==> flow/design.v <==
module switch_blk #(
    parameter int DW = 4
) (
    input  logic i_clk,
    input  logic step,
    input  logic [DW-1:0] d0,
    input  logic [DW-1:0] d1,
    input  logic [DW-1:0] d2,
    input  logic [DW-1:0] d3,
    input  logic [DW-1:0] d4,
    input  logic [DW-1:0] d5,
    input  logic [DW-1:0] d6,
    input  logic [DW-1:0] d7,
    input  logic [2:0] choose,
    output logic [DW-1:0] dout
);
    logic [DW-1:0] val;
    assign val =
        (choose == 3'd0) ? d0 :
        (choose == 3'd1) ? d1 :
        (choose == 3'd2) ? d2 :
        (choose == 3'd3) ? d3 :
        (choose == 3'd4) ? d4 :
        (choose == 3'd5) ? d5 :
        (choose == 3'd6) ? d6 :
        d7;
    logic [DW-1:0] dout_reg;
    always_ff @(posedge i_clk) begin
        if (step) begin
            dout_reg <= val;
        end
    end
    assign dout = dout_reg;
endmodule
Appendix: tool output

==> From RTL to reports: switch_blk <==
Module switch_blk in several versions that differ in "DW"; each step lists the members.
The RTL above is that of DW=4; lines are counted from 1 in the file of the member named.
Operators: Yosys type, input widths -> output width; for muxes data width and select width s.
Library cell names are shortened.
{ "setup": {"design": "switch_blk", "clock_port": "i_clk", "lib": "sky130hd", "lib_corner": "tt_025C_1v80"} }

==> Source of the members <==
New or changed lines of each further member against the RTL above, in its own file; lines it lacks are not shown.
{ "changed_lines": {"columns": ["DW", "line", "source"], "rows": [
  [6, 2, "parameter int DW = 6"],
  [20, 2, "parameter int DW = 20"]
]} }

==> Elaborated design <==
Yosys after proc, flatten, opt, wreduce and memory -nomap, before mapping. Enables and synchronous resets that opt folds into registers are not counted as muxes. Memory bits, and registers merged into a memory's read port (data or address), are not among the register bits. Print and check cells are not counted. Equal cells are merged and count once.
{ "classes": {"columns": ["DW", "eq_ne", "n_mux", "reduce_and_logical"], "rows": [
  [4, 6, 7, 1],
  [6, 6, 7, 1],
  [20, 6, 7, 1]
]} }
{ "op_table": {"columns": ["DW", "operators"], "rows": [
  [4, "7 x $mux 4; 3 x $eq 3x3->1 const B; 2 x $eq 3x2->1 const B; 1 x $eq 3x1->1 const B; 1 x $logic_not 3->1"],
  [6, "7 x $mux 6; 3 x $eq 3x3->1 const B; 2 x $eq 3x2->1 const B; 1 x $eq 3x1->1 const B; 1 x $logic_not 3->1"],
  [20, "7 x $mux 20; 3 x $eq 3x3->1 const B; 2 x $eq 3x2->1 const B; 1 x $eq 3x1->1 const B; 1 x $logic_not 3->1"]
]} }
{ "bits": {"columns": ["DW", "reg_bits", "in_bits", "wordCells"], "rows": [
  [4, 4, 37, 15],
  [6, 6, 53, 15],
  [20, 20, 165, 15]
]} }

==> Depth <==
Longest topological path by Yosys (ltp), each cell counted once; first at word level (registers and memories cut), then after technology mapping (sequential cells cut; the memories' decode and read muxes count).
{ "depth": {"columns": ["DW", "ltp_word", "abc_area", "ltp_mapped", "ltp_nobuf"], "rows": [
  [4, 8, 0, 6, 4],
  [6, 8, 0, 6, 4],
  [20, 8, 0, 6, 4]
]} }

==> Netlist <==
Source: synth_stat.txt of the flow (Yosys; design flattened, memories mapped). It holds for the ABC_AREA given above (unset counts as 0); a run with the other value may have another netlist.
The area totals of this step are shown rounded.
{ "mapped": {"columns": ["DW", "cell_count", "synth_area_um2", "sequential_area_um2", "flip_flops", "buffers"], "rows": [
  [4, 57, 510, 120, 4, 5],
  [6, 44, 639, 180, 6, 5],
  [20, 169, 2010, 601, 20, 17]
]} }
{ "types": {"columns": ["DW", "cell_types"], "rows": [
  [4, "4 x edfxtp_1; 5 x mux2i_1; 4 x mux2_2; 1 x mux4_1; 5 x o21ai_0; 1 x mux4_2; 6 x nor2_1; 5 x nand2_1; 1 x o32ai_2; 3 x buf_2; 2 x a31oi_1; 2 x o22ai_1; 1 x buf_6; 2 x a21oi_1; 1 x a41o_1; 1 x a221oi_1; 1 x o22a_1; 1 x o31a_1; [+11]"],
  [6, "7 x mux4_1; 6 x edfxtp_1; 5 x mux2_2; 4 x mux2i_1; 1 x mux4_2; 1 x buf_8; 1 x mux2_4; 2 x o21a_1; 1 x buf_6; 1 x a221oi_1; 1 x a32oi_1; 1 x o32ai_1; 1 x a211oi_1; 1 x a22oi_1; 1 x and2b_1; 2 x clkbuf_1; 1 x o31ai_1; 1 x nand2b_1; [+6]"],
  [20, "20 x edfxtp_1; 22 x mux4_2; 18 x mux2_2; 13 x mux2i_1; 11 x o22ai_1; 7 x a221oi_1; 12 x a21oi_1; 5 x a2bb2oi_1; 8 x buf_2; 6 x nor2b_1; 6 x o21ai_0; 3 x a22o_1; 7 x nand2_1; 3 x a22oi_1; 6 x clkbuf_1; 2 x buf_4; 4 x nor2_1; 3 x nor3_1; [+13]"]
]} }
A list marked [+n] leaves out that many cells.

==> Timing after synthesis <==
Source: OpenSTA report_checks on the synthesized netlist (no wires, ideal clock, input and output delay 20% of the period each), path of least setup slack; recovery checks are left aside. Register names are those of the netlist, which keeps one name where synthesis merged equal registers.
{ "synth_path": {"columns": ["DW", "path_kind", "from", "to", "tclk_ps", "setup_slack_ps", "stages", "delay_ps", "period_less_setup_slack_ps"], "rows": [
  [4, "input port to flip-flop", "input port (no name shown)", "register dout_reg[1]", 1730, 277, 4, 1108, 1453],
  [6, "input port to flip-flop", "input port (no name shown)", "register dout_reg[4]", 1960, 312, 4, 1256, 1648],
  [20, "input port to flip-flop", "input port (no name shown)", "register dout_reg[10]", 2040, 327, 3, 1305, 1713]
]} }
"delay_ps" is the arrival time less input delay plus setup time.
"stages" counts driving pins, that of a launching flip-flop among them; a cell with two outputs on the path counts twice.
"period_less_setup_slack_ps" = period - worst setup slack (recovery checks aside). The figure is calculated, with input and output delays left at 20% of the set period.
The rows between start and end are the longest chain of elaborated cells between them; the timing report does not say that the signal goes this way. Where chains are equally long, one stands for them.
Each line given opens the expression or statement behind the cell; cells for indexed reads and writes are added by Yosys, which also makes memories of some case tables.
{ "synth_via_DW_4": {"elab_chain_len": 8} }
{ "synth_rtl_DW_4": {"columns": ["item", "line", "source"], "rows": [
  ["from (decl)", 14, null],
  ["$eq 3x3->1", 25, null],
  ["$mux 4", 25, null],
  ["$mux 4", 24, null],
  ["$mux 4", 23, null],
  ["$mux 4", 22, null],
  ["$mux 4", 21, null],
  ["$mux 4", 20, null],
  ["$mux 4", 19, null],
  ["to (assign)", 30, "dout_reg <= val;"],
  ["to (decl)", 27, "logic [DW-1:0] dout_reg;"]
]} }
{ "synth_via_DW_20": {"elab_chain_len": 8} }
{ "synth_rtl_DW_20": {"columns": ["item", "line", "source"], "rows": [
  ["from (decl)", 14, null],
  ["$eq 3x3->1", 25, null],
  ["$mux 20", 25, null],
  ["$mux 20", 24, null],
  ["$mux 20", 23, null],
  ["$mux 20", 22, null],
  ["$mux 20", 21, null],
  ["$mux 20", 20, null],
  ["$mux 20", 19, null],
  ["to (assign)", 30, "dout_reg <= val;"],
  ["to (decl)", 27, "logic [DW-1:0] dout_reg;"]
]} }

==> Worst path after layout <==
Path of least setup slack in the final report of each member's run (OpenROAD, finished layout, wires in). Where an end is a register, its clock arrival counts in the times.
The report prints the path's times to 10 ps; the period is as set.
{ "layout_path": {"columns": ["DW", "path_kind", "from", "to", "tclk_ps", "setup_slack_ps", "stages", "arrival_ps", "path_buffers"], "rows": [
  [4, "input port to flip-flop", "input port (no name shown)", "register dout_reg[0]", 1730, 140, 5, 1560, 2],
  [6, "input port to flip-flop", "input port (no name shown)", "register dout_reg[4]", 1960, 60, 4, 1890, 2],
  [20, "input port to flip-flop", "input port (no name shown)", "register dout_reg[19]", 2040, 420, 4, 1630, 2]
]} }

==> Layout results <==
One run of the flow (Yosys, OpenROAD) for each member, with settings and measured results. Input and output delays are each 20% of the period that was set; the output load is 0.01 pF.
{ "settings": {"CAP_MARGIN": 20, "CORE_MARGIN": 2, "CORE_UTILIZATION": 40, "SLEW_MARGIN": 20} }
{ "settings_diff": {"columns": ["DW", "period_ns"], "rows": [
  [4, 1.73],
  [6, 1.96],
  [20, 2.04]
]} }
{ "measured": {"columns": ["DW", "synth_chip_area_um2", "design.die.area_um2", "post_route_util_pct", "worst_setup_slack_ps", "fin_tns_ps", "timing.achieved_period_ps"], "rows": [
  [4, 510, 1580, 87.0, 144, 0, 1586],
  [6, 639, 1930, 84.5, 58, 0, 1902],
  [20, 2010, 5610, 83.6, 422, 0, 1618]
]} }
By "timing.achieved_period_ps" is meant the clock period of the run minus its worst setup slack. This is arithmetic on one report: input and output delays are still those of the set period (20% each).
Results are given in rounded form.
